==> flow/design.v <==
module cmp_unit_rtl #(
  parameter int DWIDTH = 24
) (
  input logic clock,
  input logic signed [DWIDTH-1:0] i_arg0,
  input logic signed [DWIDTH-1:0] i_arg1,
  output logic o_below,
  output logic o_is_eq,
  output logic o_gt
);
  logic signed [DWIDTH-1:0] arg0_reg;
  always_ff @(posedge clock)
    arg0_reg <= i_arg0;
  logic signed [DWIDTH-1:0] arg1_reg;
  always_ff @(posedge clock)
    arg1_reg <= i_arg1;
  logic below_reg;
  always_ff @(posedge clock)
    below_reg <= (arg0_reg < arg1_reg);
  assign o_below = below_reg;
  logic is_eq_reg;
  always_ff @(posedge clock)
    is_eq_reg <= (arg0_reg == arg1_reg);
  assign o_is_eq = is_eq_reg;
  logic gt_reg;
  always_ff @(posedge clock)
    gt_reg <= (arg0_reg > arg1_reg);
  assign o_gt = gt_reg;
endmodule
---- Reports on cmp_unit_rtl ----
The steps from the RTL of cmp_unit_rtl to its reports follow in flow order.
Lines are those of the file above, counted from 1.
Cell names lack the library's common part.
The mark -- stands for no value.
set-up
  design top .............................. cmp_unit_rtl
  clock input ............................. clock
  cell library ............................ sky130hd
  timing corner ........................... tt_025C_1v80

---- Word-level counts ----
Counts by Yosys on the flattened word-level netlist (proc, flatten, opt, wreduce; memories kept). Register bits leave out memories and registers merged into their read ports (data or address); mux counts leave out enables and synchronous resets folded into registers. Print and check cells are left out. Cells with the same type and inputs are merged into one.
cells by class
  add/sub/neg operators ................... 0
  equal/unequal tests ..................... 1
  divide/modulo/power cells ............... 0
  shift-type cells ........................ 0
  reductions and logical operators ........ 0
  magnitude comparators ................... 2
  multipliers ............................. 0
  bitwise operators ....................... 0
  mux-type cells .......................... 0
operators by type and width
  operator                     count
  > comparator 24 bit          1
  less-than comparator 24 bit  1
  equality test 24 bit         1
bit counts
  RAM bits ................................ 0
  input port bits ......................... 49
  output and inout port bits .............. 3
  bits in read-only memories .............. 0
  memories ................................ 0
  bits in registers ....................... 51
  cells after elaboration ................. 8
  word width x clocked read ports ......... 0
  latch bits .............................. 0

---- Depth ----
Depth = most cells in a row (Yosys ltp): at word level without a register or memory, in the mapped netlist without a sequential cell, where the memories' decode and read muxes count.
logic depth
  depth after elaboration ................. 1
  ABC_AREA ................................ 0
  mapped depth ............................ 8
  gate-level depth less buffers ........... 8

---- Mapped cells and area ----
Source: synth_stat.txt of the flow (Yosys; design flattened, memories mapped). It holds for the ABC_AREA given above (unset counts as 0); a run with the other value may have another netlist.
synthesis totals
  cell area after synthesis ............... 1685.4 um^2
  standard cells after synthesis .......... 141
  flip-flops .............................. 51
  sequential area ......................... 1021.0 um^2
  buffer cells ............................ 0
cell types
  cell type  count  total area (um^2)
  dfxtp_1    51     1.02E+03
  ha_1       24     300.288
  inv_1      25     93.84
  a21oi_1    10     50.048
  nand4_1    6      37.536
  nand4_2    2      25.024
  o21ai_0    5      25.024
  nor4_4     1      21.27
  nor3_4     1      16.266
  nand2_1    4      15.014
  mux2i_1    1      10.01
  a221oi_1   1      8.758
  nand2b_2   1      8.758
  xor2_1     1      8.758
  o211ai_1   1      7.507
  or2b_1     1      7.507
  nor2b_1    1      6.256
  nand3_1    1      5.005
Other cell types: 4; their cells: 4.

---- Path before layout ----
OpenSTA on the mapped netlist: ideal clock, no wires. The path of least setup slack (recovery checks aside). Input and output delay are each 20% of the period. Register names are those of the netlist, which keeps one name where synthesis merged equal registers.
path after synthesis
  kind .................................... register to register
  start point ............................. register arg1_reg[23]
  end point ............................... register gt_reg
  data arrival time ....................... 1.521 ns
  driving pins on the path ................ 9
  path buffers ............................ 0
  time at the first pin ................... 0.000 ns
  path delay .............................. 1.644 ns
  slack ................................... 0.406 ns
  clock period ............................ 2.05 ns
  data required time ...................... 1.927 ns
  setup time .............................. 0.123 ns
  period reached after synthesis .......... 1.644 ns
"path delay" is the arrival time less input delay plus setup time.
"driving pins on the path": output pins that drive a net of the path, with the launching flip-flop's if there is one; two outputs of one cell count as two.
"period reached after synthesis" = period - worst setup slack (recovery checks aside). The figure is calculated, with input and output delays left at 20% of the set period.
Between the ends stands the longest chain of elaborated cells between them, by number of cells; it is not shown to be the way that was timed. Of several equally long chains one is given.
A line is the first line of the expression or statement that the cell stems from. Yosys adds cells for indexed reads and writes and turns some case tables into memories.
between the ends, after synthesis
  path through ............................ dfxtp_1 inv_1 ha_1 nand4_2 nor4_4 inv_2 nor3_4 or2b_1 mux2i_1
  length of the longest elaborated chain .. 1
  elaborated cells between the ends (all ways) .. 1
  RTL lines with such cells ............... 1
  those cells by class .................... 1 x compare
RTL lines, path after synthesis
  item                 line  source
  from (decl)          14    logic signed [DWIDTH-1:0] arg1_reg;
  from (assign)        16    arg1_reg <= i_arg1;
  > comparator 24 bit  27    gt_reg <= (arg0_reg > arg1_reg);
  to (assign)          27
  to (decl)            25    logic gt_reg;

---- Path in the finished layout ----
Path of least setup slack in the final report of flow run B (OpenROAD, finished layout, wires in). Where an end is a register, its clock arrival counts in the times.
path post-layout
  kind .................................... register to register
  start point ............................. register arg1_reg[23]
  end point ............................... register gt_reg
  setup time .............................. 0.11 ns
  clock period ............................ 2.05 ns
  data required time ...................... 2.23 ns
  time at the first pin ................... 0.29 ns
  data arrival time ....................... 2.00 ns
  driving pins on the path ................ 9
  path buffers ............................ 0
  slack ................................... 0.23 ns
Between the ends stands the longest chain of elaborated cells between them, by number of cells; it is not shown to be the way that was timed. Of several equally long chains one is given.
between the ends, post-layout
  path through ............................ dfxtp_1 inv_1 ha_1 nand4_2 nor4_4 inv_2 nor3_4 or2b_1 mux2i_1
  length of the longest elaborated chain .. 1
  elaborated cells between the ends (all ways) .. 1
  RTL lines with such cells ............... 1
  those cells by class .................... 1 x compare
RTL lines, path post-layout
  item                 line  source
  from (decl)          14    logic signed [DWIDTH-1:0] arg1_reg;
  from (assign)        16    arg1_reg <= i_arg1;
  > comparator 24 bit  27    gt_reg <= (arg0_reg > arg1_reg);
  to (assign)          27
  to (decl)            25    logic gt_reg;

Measured data: module cmp_unit_rtl, platform sky130hd, 3 stored runs of the flow under differing settings, order arbitrary. Input and output delays are each 20% of the period that was set; the output load is 0.01 pF.
By "time on the worst setup path" is meant the share of the clock period that the worst setup path is allowed (20% is reserved at inputs, 20% at outputs), minus its slack. Clock arrival times at its registers enter into it.
By "overall power" is meant OpenSTA's value without simulated activity: inputs other than the clock are taken to toggle once in ten clock periods, and the tool carries that through the logic.

---- flow run A ----
settings
  period_ns = 1.05
  CORE_UTILIZATION = 55
  SETUP_SLACK_MARGIN = 0.02
  CORE_ASPECT_RATIO = 1.42
  CELL_PAD_IN_SITES_DETAIL_PLACEMENT = 1
  ABC_AREA = 1
  CTS_CLUSTER_DIAMETER = 82
  CAP_MARGIN = 35
  CORE_MARGIN = 2
  SLEW_MARGIN = 20
results
  incomplete, placement halted on DPL-0033

---- flow run B ----
settings
  period_ns = 2.05
  CAP_MARGIN = 20
  CORE_MARGIN = 2
  CORE_UTILIZATION = 40
  SLEW_MARGIN = 20
results
  utilization after routing ............... 58.1 %
  worst hold slack after layout ........... 0.549 ns
  synthesized cell area ................... 1685.4 um^2
  time on the worst setup path ............ 1.82 ns
  critical path kind ...................... register to register
  overall power ........................... 1.822 mW
  overall die area ........................ 4748.6 um^2
  smallest setup slack .................... 0.233 ns

---- flow run C ----
settings
  period_ns = 2.75
  CORE_UTILIZATION = 70
  SETUP_SLACK_MARGIN = 0.09
  CORE_MARGIN = 6
  CELL_PAD_IN_SITES_DETAIL_PLACEMENT = 1
  TNS_END_PERCENT = 5
  GPL_TIMING_DRIVEN = 1
  CTS_CLUSTER_SIZE = 13
  MIN_ROUTING_LAYER = met2
  CAP_MARGIN = 20
  SLEW_MARGIN = 20
results
  incomplete, placement halted on GPL-0301
